==> flow/design.v <==
module ex_sum_block_rtl #(
  parameter int WIDTH = 5
) (
  input  logic CLK,
  input  logic [WIDTH-1:0] i_A,
  input  logic [WIDTH-1:0] i_B,
  input  logic i_ci,
  output logic [WIDTH-1:0] o_q,
  output logic o_cout
);
  logic [WIDTH-1:0] A_r;
  logic [WIDTH-1:0] B_r;
  logic ci_r;
  always_ff @(posedge CLK) begin
    A_r <= i_A;
    B_r <= i_B;
    ci_r <= i_ci;
  end
  logic [WIDTH:0] tmp;
  assign tmp = A_r + B_r + ci_r;
  assign o_q = tmp[WIDTH-1:0];
  assign o_cout = tmp[WIDTH];
endmodule
# Step by step through the tools: ex_sum_block_rtl
# Tool output for the members of one design family, told apart by "WIDTH", in the order of the flow.
# The RTL above is that of WIDTH = 5; lines are counted from 1 in the file of the member named.
# Cell names lack the library's common part.
inputs:
  top_module: "ex_sum_block_rtl"
  clock: "CLK"
  cell_library: "sky130hd"
  corner: "tt_025C_1v80"

# Source of the members
# Lines of each other member's file that are new or changed against the file above; lines that a member lacks are not shown.
changed_lines:
  columns: ["WIDTH", "line_no", "source"]
  rows:
  - [12, 2, "parameter int WIDTH = 12"]
  - [14, 2, "parameter int WIDTH = 14"]
  - [32, 2, "parameter int WIDTH = 32"]
  - [72, 2, "parameter int WIDTH = 72"]
  - [128, 2, "parameter int WIDTH = 128"]

# After elaboration
# Source: Yosys, flattened and elaborated, memories not mapped. Widths are those after wreduce; folded enables and synchronous resets count as part of the registers. Registers that Yosys merges into a memory's read port (data or address) are not register bits. Print and check cells do not count. Equal cells are merged and count once.
word_totals:
  columns: ["WIDTH", "elab_cells", "inputBits", "out_inout_bits", "reg_bits"]
  rows:
  - [5, 5, 12, 6, 11]
  - [12, 5, 26, 13, 25]
  - [14, 5, 30, 15, 29]
  - [32, 5, 66, 33, 65]
  - [72, 5, 146, 73, 145]
  - [128, 5, 258, 129, 257]
classes:
  columns: ["WIDTH", "addsub"]
  rows:
  - [5, 2]
  - [12, 2]
  - [14, 2]
  - [32, 2]
  - [72, 2]
  - [128, 2]
ops:
  columns: ["WIDTH", "operators"]
  rows:
  - [5, "5-bit by 5-bit adder with 6-bit output: 1; 6-bit by 1-bit adder with 6-bit output: 1"]
  - [12, "12-bit by 12-bit adder with 13-bit output: 1; 13-bit by 1-bit adder with 13-bit output: 1"]
  - [14, "14-bit by 14-bit adder with 15-bit output: 1; 15-bit by 1-bit adder with 15-bit output: 1"]
  - [32, "32-bit by 32-bit adder with 33-bit output: 1; 33-bit by 1-bit adder with 33-bit output: 1"]
  - [72, "72-bit by 72-bit adder with 73-bit output: 1; 73-bit by 1-bit adder with 73-bit output: 1"]
  - [128, "128-bit by 128-bit adder with 129-bit output: 1; 129-bit by 1-bit adder with 129-bit output: 1"]

# Depth
# Longest topological path by Yosys (ltp), each cell counted once; first at word level (registers and memories cut), then after technology mapping (sequential cells cut; the memories' decode and read muxes count).
logic_depth:
  columns: ["WIDTH", "word_depth", "ABC_AREA", "mapped_depth", "ltp_nobuf"]
  rows:
  - [5, 2, 0, 7, 7]
  - [12, 2, 0, 6, 6]
  - [14, 2, 0, 8, 8]
  - [32, 2, 0, 9, 9]
  - [72, 2, 0, 11, 11]
  - [128, 2, 0, 14, 14]

# After synthesis
# Source: synth_stat.txt of the flow (Yosys; design flattened, memories mapped). It holds for the ABC_AREA given above (unset counts as 0); a run with the other value may have another netlist.
# Totals and module areas in this step are rounded.
mapped:
  columns: ["WIDTH", "seq_area_um2", "cells", "ff_cells", "yosys_area_um2"]
  rows:
  - [5, 220, 35, 11, 420]
  - [12, 500, 108, 25, 1100]
  - [14, 580, 111, 29, 1200]
  - [32, 1300, 310, 65, 3000]
  - [72, 2900, 789, 145, 7300]
  - [128, 5100, 1533, 257, 13000]
by_type:
  columns: ["WIDTH", "type_list"]
  rows:
  - [5, "dfxtp_1: 11; ha_1: 4; fa_1: 2; inv_1: 5; xnor2_1: 2; or2_1: 2; a21oi_2: 1; o21ai_2: 1; xor2_1: 1; a21o_1: 1; nor2_1: 2; o211ai_1: 1; nor2b_1: 1; a21oi_1: 1"]
  - [12, "dfxtp_1: 25; ha_1: 11; a21o_1: 6; xnor2_1: 5; fa_1: 2; a21oi_1: 7; nand2b_1: 4; nand3_1: 4; nor2_1: 5; a2111oi_0: 2; a31o_2: 2; o311ai_0: 2; xor2_1: 2; o21ai_0: 3; or4_1: 2; a2111o_1: 1; buf_6: 1; nand2_1: 3; (+21)"]
  - [14, "dfxtp_1: 29; ha_1: 13; xnor2_1: 8; a21oi_1: 8; fa_1: 2; a21o_1: 5; a21oi_2: 4; xor2_1: 4; nand2_1: 5; nand2b_1: 3; nor2b_1: 3; a21boi_0: 2; a311oi_2: 1; inv_1: 4; nor2_1: 4; o2111ai_2: 1; a311o_1: 1; and4_2: 1; (+13)"]
  - [32, "dfxtp_1: 65; ha_1: 31; a21o_1: 23; a21oi_1: 29; xnor2_1: 14; xor2_1: 13; o21ai_0: 17; nand2_1: 21; nor2_1: 13; a31oi_1: 7; clkbuf_1: 11; fa_1: 2; nand3_1: 7; o21bai_1: 4; nand4_1: 4; a211oi_1: 3; o31ai_1: 3; a221o_1: 2; (+41)"]
  - [72, "dfxtp_1: 145; ha_1: 71; a21oi_1: 88; xnor2_1: 36; nand2_1: 72; xor2_1: 30; o21ai_0: 43; nor2_1: 54; a21o_1: 26; nand4_1: 26; o21bai_1: 17; a211oi_1: 12; o21a_1: 10; nor3_1: 12; clkbuf_1: 15; inv_1: 15; buf_2: 11; o31ai_1: 7; (+99)"]
  - [128, "dfxtp_1: 257; ha_1: 127; a21oi_1: 193; xnor2_1: 82; nand2_1: 139; o21ai_0: 104; nand4_1: 68; nor2_1: 108; xor2_1: 41; a21o_1: 46; o21bai_1: 41; clkbuf_1: 51; inv_1: 36; o21a_1: 18; nor3_1: 23; a21boi_0: 15; a31oi_1: 16; nand3_1: 17; (+151)"]
# The mark (+n) counts cells that are not listed.

# Path before layout
# Source: OpenSTA report_checks on the synthesized netlist (no wires, ideal clock, input and output delay 20% of the period each), path of least setup slack; recovery checks are left aside. Register names are those of the netlist, which keeps one name where synthesis merged equal registers.
synth_timing:
  columns: ["WIDTH", "path_kind", "from", "to", "slack_ns", "driving_pins", "path_delay_ns", "tclk_ns", "period_less_setup_slack_ns"]
  rows:
  - [5, "flip-flop to output port", "reg A_r[0]", "out o_q[4]", 0.363, 8, 1.453, 2.27, 1.907]
  - [12, "flip-flop to output port", "reg A_r[0]", "out o_cout", 0.511, 7, 2.057, 3.21, 2.699]
  - [14, "flip-flop to output port", "reg A_r[0]", "out o_cout", 0.450, 9, 1.814, 2.83, 2.38]
  - [32, "flip-flop to output port", "reg A_r[0]", "out o_cout", 0.663, 10, 2.665, 4.16, 3.497]
  - [72, "flip-flop to output port", "reg A_r[0]", "out o_q[68]", 0.775, 12, 3.105, 4.85, 4.075]
  - [128, "flip-flop to output port", "reg A_r[0]", "out o_q[116]", 0.852, 15, 3.412, 5.33, 4.478]
# "path_delay_ns" is the arrival time less input delay plus setup time.
# At an output port there is no setup time.
# "driving_pins" counts driving pins, that of a launching flip-flop among them; a cell with two outputs on the path counts twice.
# "period_less_setup_slack_ns" is the clock period less the worst setup slack; recovery checks do not enter. This is arithmetic on one report: input and output delays are still those of the set period (20% each).
# Between the ends stands the longest chain of elaborated cells between them, by number of cells; it is not shown to be the way that was timed. Of several equally long chains one is given.
# A line is the first line of the expression or statement that the cell stems from. Yosys adds cells for indexed reads and writes and turns some case tables into memories.
synth_between_WIDTH_5:
  elab_chain_cells: 2
synth_rtl_WIDTH_5:
  columns: ["element", "line_no", "source"]
  rows:
  - ["from (decl)", 11, "logic [WIDTH-1:0] A_r;"]
  - ["from (assign)", 15, "A_r <= i_A;"]
  - ["5-bit by 5-bit adder with 6-bit output", 20, "assign tmp = A_r + B_r + ci_r;"]
  - ["6-bit by 1-bit adder with 6-bit output", 20, null]
  - ["to (decl)", 8, "output logic [WIDTH-1:0] o_q,"]
synth_between_WIDTH_128:
  elab_chain_cells: 2
synth_rtl_WIDTH_128:
  columns: ["element", "line_no", "source"]
  rows:
  - ["from (decl)", 11, "logic [WIDTH-1:0] A_r;"]
  - ["from (assign)", 15, "A_r <= i_A;"]
  - ["128-bit by 128-bit adder with 129-bit output", 20, "assign tmp = A_r + B_r + ci_r;"]
  - ["129-bit by 1-bit adder with 129-bit output", 20, null]
  - ["to (decl)", 8, "output logic [WIDTH-1:0] o_q,"]

# Path in the finished layout
# Path of least setup slack in the final report of each member's run (OpenROAD, finished layout, wires in). Where an end is a register, its clock arrival counts in the times.
layout_timing:
  columns: ["WIDTH", "path_kind", "from", "to", "tclk_ns", "slack_ns", "driving_pins", "arrival_time_ns"]
  rows:
  - [5, "flip-flop to output port", "reg ci_r", "out o_q[4]", 2.27, 0.03, 9, 1.79]
  - [12, "flip-flop to output port", "reg ci_r", "out o_q[10]", 3.21, 0.10, 8, 2.47]
  - [14, "flip-flop to output port", "reg A_r[0]", "out o_cout", 2.83, -0.01, 10, 2.28]
  - [32, "flip-flop to output port", "reg ci_r", "out o_q[16]", 4.16, 0.12, 12, 3.21]
  - [72, "flip-flop to output port", "reg A_r[0]", "out o_q[47]", 4.85, 0.10, 13, 3.78]
  - [128, "flip-flop to output port", "reg ci_r", "out o_q[57]", 5.33, 0.12, 18, 4.15]

# Measured runs
# Settings and results of one run of the flow (Yosys, OpenROAD) for each member follow. The constraints put input and output delay at 20% of the set period each and load the outputs with 0.01 pF.
settings:
  CAP_MARGIN: 20
  CORE_MARGIN: 2
  CORE_UTILIZATION: 40
  SLEW_MARGIN: 20
settings_diff:
  columns: ["WIDTH", "period_ns"]
  rows:
  - [5, 2.27]
  - [12, 3.21]
  - [14, 2.83]
  - [32, 4.16]
  - [72, 4.85]
  - [128, 5.33]
measured:
  columns: ["WIDTH", "setup_tns_ns", "setup_worst_slack_ns", "fin_util_pct", "stdcell_area_um2", "ys_area_um2", "final_hold_ws_ns", "fin_power_uw", "achieved_clock_period_ns", "design_die_area_um2"]
  rows:
  - [5, 0.000, 0.031, 65, 620, 420, 0.63, 410, 2.239, 1300]
  - [12, 0.000, 0.10, 58, 1600, 1100, 0.76, 700, 3.109, 3300]
  - [14, -0.011, -0.011, 60, 1800, 1200, 0.67, 950, 2.841, 3600]
  - [32, 0.000, 0.12, 61, 4400, 3000, 0.93, 1800, 4.038, 8300]
  - [72, 0.000, 0.097, 59, 11000, 7300, 0.98, 3800, 4.753, 19000]
  - [128, 0.000, 0.12, 58, 19000, 13000, 0.95, 6100, 5.212, 35000]
# "achieved_clock_period_ns" is the run's clock period less its worst setup slack. It is reckoned from that one timing run; input and output delays stay at 20% of the period that was set.
# "fin_power_uw" rests on the timing tool's default activity at the inputs, not on a simulated workload.
# Values from the reports are rounded here.
